==> flow/design.v <==
module barrel_stage #(
    parameter WD = 96,
    parameter SBITS = $clog2(WD)
) (
    input wire i_clk,
    input wire [WD-1:0] val,
    input wire [SBITS-1:0] n,
    output wire [WD-1:0] data_out
);
    wire [2*WD-1:0] work;
    assign work = {val, val} >> n;
    reg [WD-1:0] data_out_s;
    always @(posedge i_clk) begin
        data_out_s <= work[WD-1:0];
    end
    assign data_out = data_out_s;
endmodule
## Step by step through the tools: barrel_stage

The steps from the RTL of barrel_stage to its reports follow in flow order.
Lines are those of the file above, counted from 1.
Library cell names are shortened.
The mark n/a stands for no value.

| design | value |
|---|---|
| top module | barrel_stage |
| clock | i_clk |
| library | sky130hd |
| corner | tt_025C_1v80 |

## Word level

Yosys after proc, flatten, opt, wreduce and memory -nomap, before mapping. Enables and synchronous resets that opt folds into registers are not counted as muxes. Memory bits, and registers merged into a memory's read port (data or address), are not among the register bits. Print and check cells are not counted. Equal cells are merged and count once.

| word-level totals | value |
|---|---|
| cells after elaboration | 2 |
| flip-flop bits (word level) | 96 |
| bits of input ports | 104 |

| operators by class | value |
|---|---|
| shift operators | 1 |

Operators by type and width:

| kind | number |
|---|---|
| right shift 192 x 7 -> 96 bit | 1 |

## Logic depth

Longest topological path by Yosys (ltp), each cell counted once; first at word level (registers and memories cut), then after technology mapping (sequential cells cut; the memories' decode and read muxes count).

| depth | value |
|---|---|
| depth in word-level cells | 1 |
| ABC_AREA | 1 |
| mapped depth | 17 |
| gate-level depth less buffers | 15 |

## Netlist

Yosys stat after the flow's synthesis: flattened, memories mapped to cells. It holds for the ABC_AREA given above (unset counts as 0); a run with the other value may have another netlist.
Totals and module areas in this step are rounded.

Cells by type:

| cell | number |
|---|---|
| nand3_1 | 923 |
| nand2_1 | 818 |
| dfxtp_1 | 96 |
| clkbuf_1 | 79 |
| buf_2 | 34 |
| buf_1 | 26 |
| buf_6 | 6 |
| buf_4 | 7 |
| inv_1 | 6 |
| buf_12 | 1 |
| nand2_2 | 3 |
| a21oi_1 | 3 |
| buf_8 | 1 |
| nor2_1 | 4 |
| nand4_1 | 2 |
| inv_2 | 3 |
| clkinv_1 | 2 |
| inv_4 | 1 |

Other cell types: 2; their cells: 2.

| mapped netlist | value |
|---|---|
| synthesis area | 10500 µm² |
| buffers | 154 |
| cell count | 2017 |
| area of sequential cells | 1920 µm² |
| flip-flops | 96 |

## Path before layout

OpenSTA on the mapped netlist: ideal clock, no wires. The path of least setup slack (recovery checks aside). Input and output delay are each 20% of the period. Register names are those of the netlist, which keeps one name where synthesis merged equal registers.

| timing post-synthesis | value |
|---|---|
| path kind | input-to-reg |
| from | input n[1] |
| to | register data_out_s[95] |
| path delay | 1.222 ns |
| path slack | 1.554 ns |
| stages on the path | 13 |
| required time | 3.357 ns |
| arrival time | 1.803 ns |
| library setup time | 0.113 ns |
| input delay | 0.694 ns |
| buffers on the path | 3 |
| period | 3.47 ns |
| synthesis period reached | 1.916 ns |

"path delay" = arrival - input delay + setup time.
"stages on the path": output pins that drive a net of the path, with the launching flip-flop's if there is one; two outputs of one cell count as two.
"synthesis period reached" is the clock period less the worst setup slack; recovery checks do not enter. This is arithmetic on one report: input and output delays are still those of the set period (20% each).
The rows between start and end are the longest chain of elaborated cells between them; the timing report does not say that the signal goes this way. Where chains are equally long, one stands for them.
Each line given opens the expression or statement behind the cell; cells for indexed reads and writes are added by Yosys, which also makes memories of some case tables.

| between the ends, post-synthesis | value |
|---|---|
| cell sequence | buf_6 inv_2 buf_6 buf_2 nand3_1 nand3_1 nand3_1 nand2_1 nand2_1 nand2_1 nand2_1 nand3_1 nand2_1 |
| length of the longest elaborated chain | 1 |

RTL lines, path post-synthesis:

| what | RTL line | text |
|---|---|---|
| start, declared | 7 | `input wire [SBITS-1:0] n,` |
| right shift 192 x 7 -> 96 bit | 11 | `assign work = {val, val} >> n;` |
| end, assigned | 14 | `data_out_s <= work[WD-1:0];` |
| end, declared | 12 | `reg [WD-1:0] data_out_s;` |

## Worst path after layout

From the final timing report of record 1: the path of least setup slack in the routed layout; clock arrival at registers is part of the times.

| timing after layout | value |
|---|---|
| path kind | input-to-reg |
| from | input val[91] |
| to | register data_out_s[32] |
| path slack | 0.04 ns |
| period | 1.94 ns |
| arrival time | 2.15 ns |
| required time | 2.19 ns |
| input delay | 0.39 ns |
| buffers on the path | 1 |
| stages on the path | 9 |
| library setup time | 0.10 ns |

The rows between start and end are the longest chain of elaborated cells between them; the timing report does not say that the signal goes this way. Where chains are equally long, one stands for them.

| between the ends, after layout | value |
|---|---|
| cell sequence | clkdlybuf4s50_1 nand2_1 nand3_1 nand3_1 nand3_1 nand3_1 nand3_1 nand3_1 nand2_1 |
| length of the longest elaborated chain | 1 |

RTL lines, path after layout:

| what | RTL line | text |
|---|---|---|
| start, declared | 6 | `input wire [WD-1:0] val,` |
| right shift 192 x 7 -> 96 bit | 11 | `assign work = {val, val} >> n;` |
| end, assigned | 14 | `data_out_s <= work[WD-1:0];` |
| end, declared | 12 | `reg [WD-1:0] data_out_s;` |

==> runs of barrel_stage <==
Top module barrel_stage; platform sky130hd; tools Yosys and OpenROAD; 3 stored runs in no particular order. Input and output delays are each 20% of the period that was set; the output load is 0.01 pF.
"period reached" is the run's clock period less its worst setup slack. It is reckoned from that one timing run; input and output delays stay at 20% of the period that was set.
By "critical path time" is meant the share of the clock period that the worst setup path is allowed (20% is reserved at inputs, 20% at outputs), minus its slack. Clock arrival times at its registers enter into it.
By "total power after layout" is meant OpenSTA's value without simulated activity: inputs other than the clock are taken to toggle once in ten clock periods, and the tool carries that through the logic.
Values from the reports are rounded here.
Among the settings, -- means not set for that run.

| stored run | period_ns | CORE_UTILIZATION | SETUP_SLACK_MARGIN | PLACE_DENSITY | ABC_AREA | GPL_TIMING_DRIVEN | GPL_ROUTABILITY_DRIVEN | SLEW_MARGIN | MAX_ROUTING_LAYER | CAP_MARGIN | CORE_MARGIN | PLACE_DENSITY_LB_ADDON | TNS_END_PERCENT | overall die area (µm²) | synthesized cell area (µm²) | lowest setup slack (ns) | total power after layout (µW) | critical path time (ns) | critical path kind | post-layout utilization | period reached (ns) | final worst hold slack (ns) |
|---|---|---|---|---|---|---|---|---|---|---|---|---|---|---|---|---|---|---|---|---|---|---|
| record 1 | 1.94 | 15 | -0.08 | 0.77 | 1 | 1 | 0 | 0 | met5 | 20 | 2 | -- | -- | 71800 | 10500 | 0.037 | 8520 | 1.51 | input-to-reg | 0.205 | 1.903 | 0.543 |
| record 2 | 3.47 | 40 | -- | -- | -- | -- | -- | 20 | -- | 20 | 2 | -- | -- | 32300 | 12300 | 0.254 | 5680 | 2.52 | input-to-reg | 0.522 | 3.216 | 0.839 |
| record 3 | 3.4 | 49 | -- | -- | 0 | -- | 1 | 35 | -- | 25 | 8 | 0.03 | 30 | 30500 | 12300 | 0.147 | 5850 | 2.57 | input-to-reg | 0.626 | 3.253 | 0.772 |
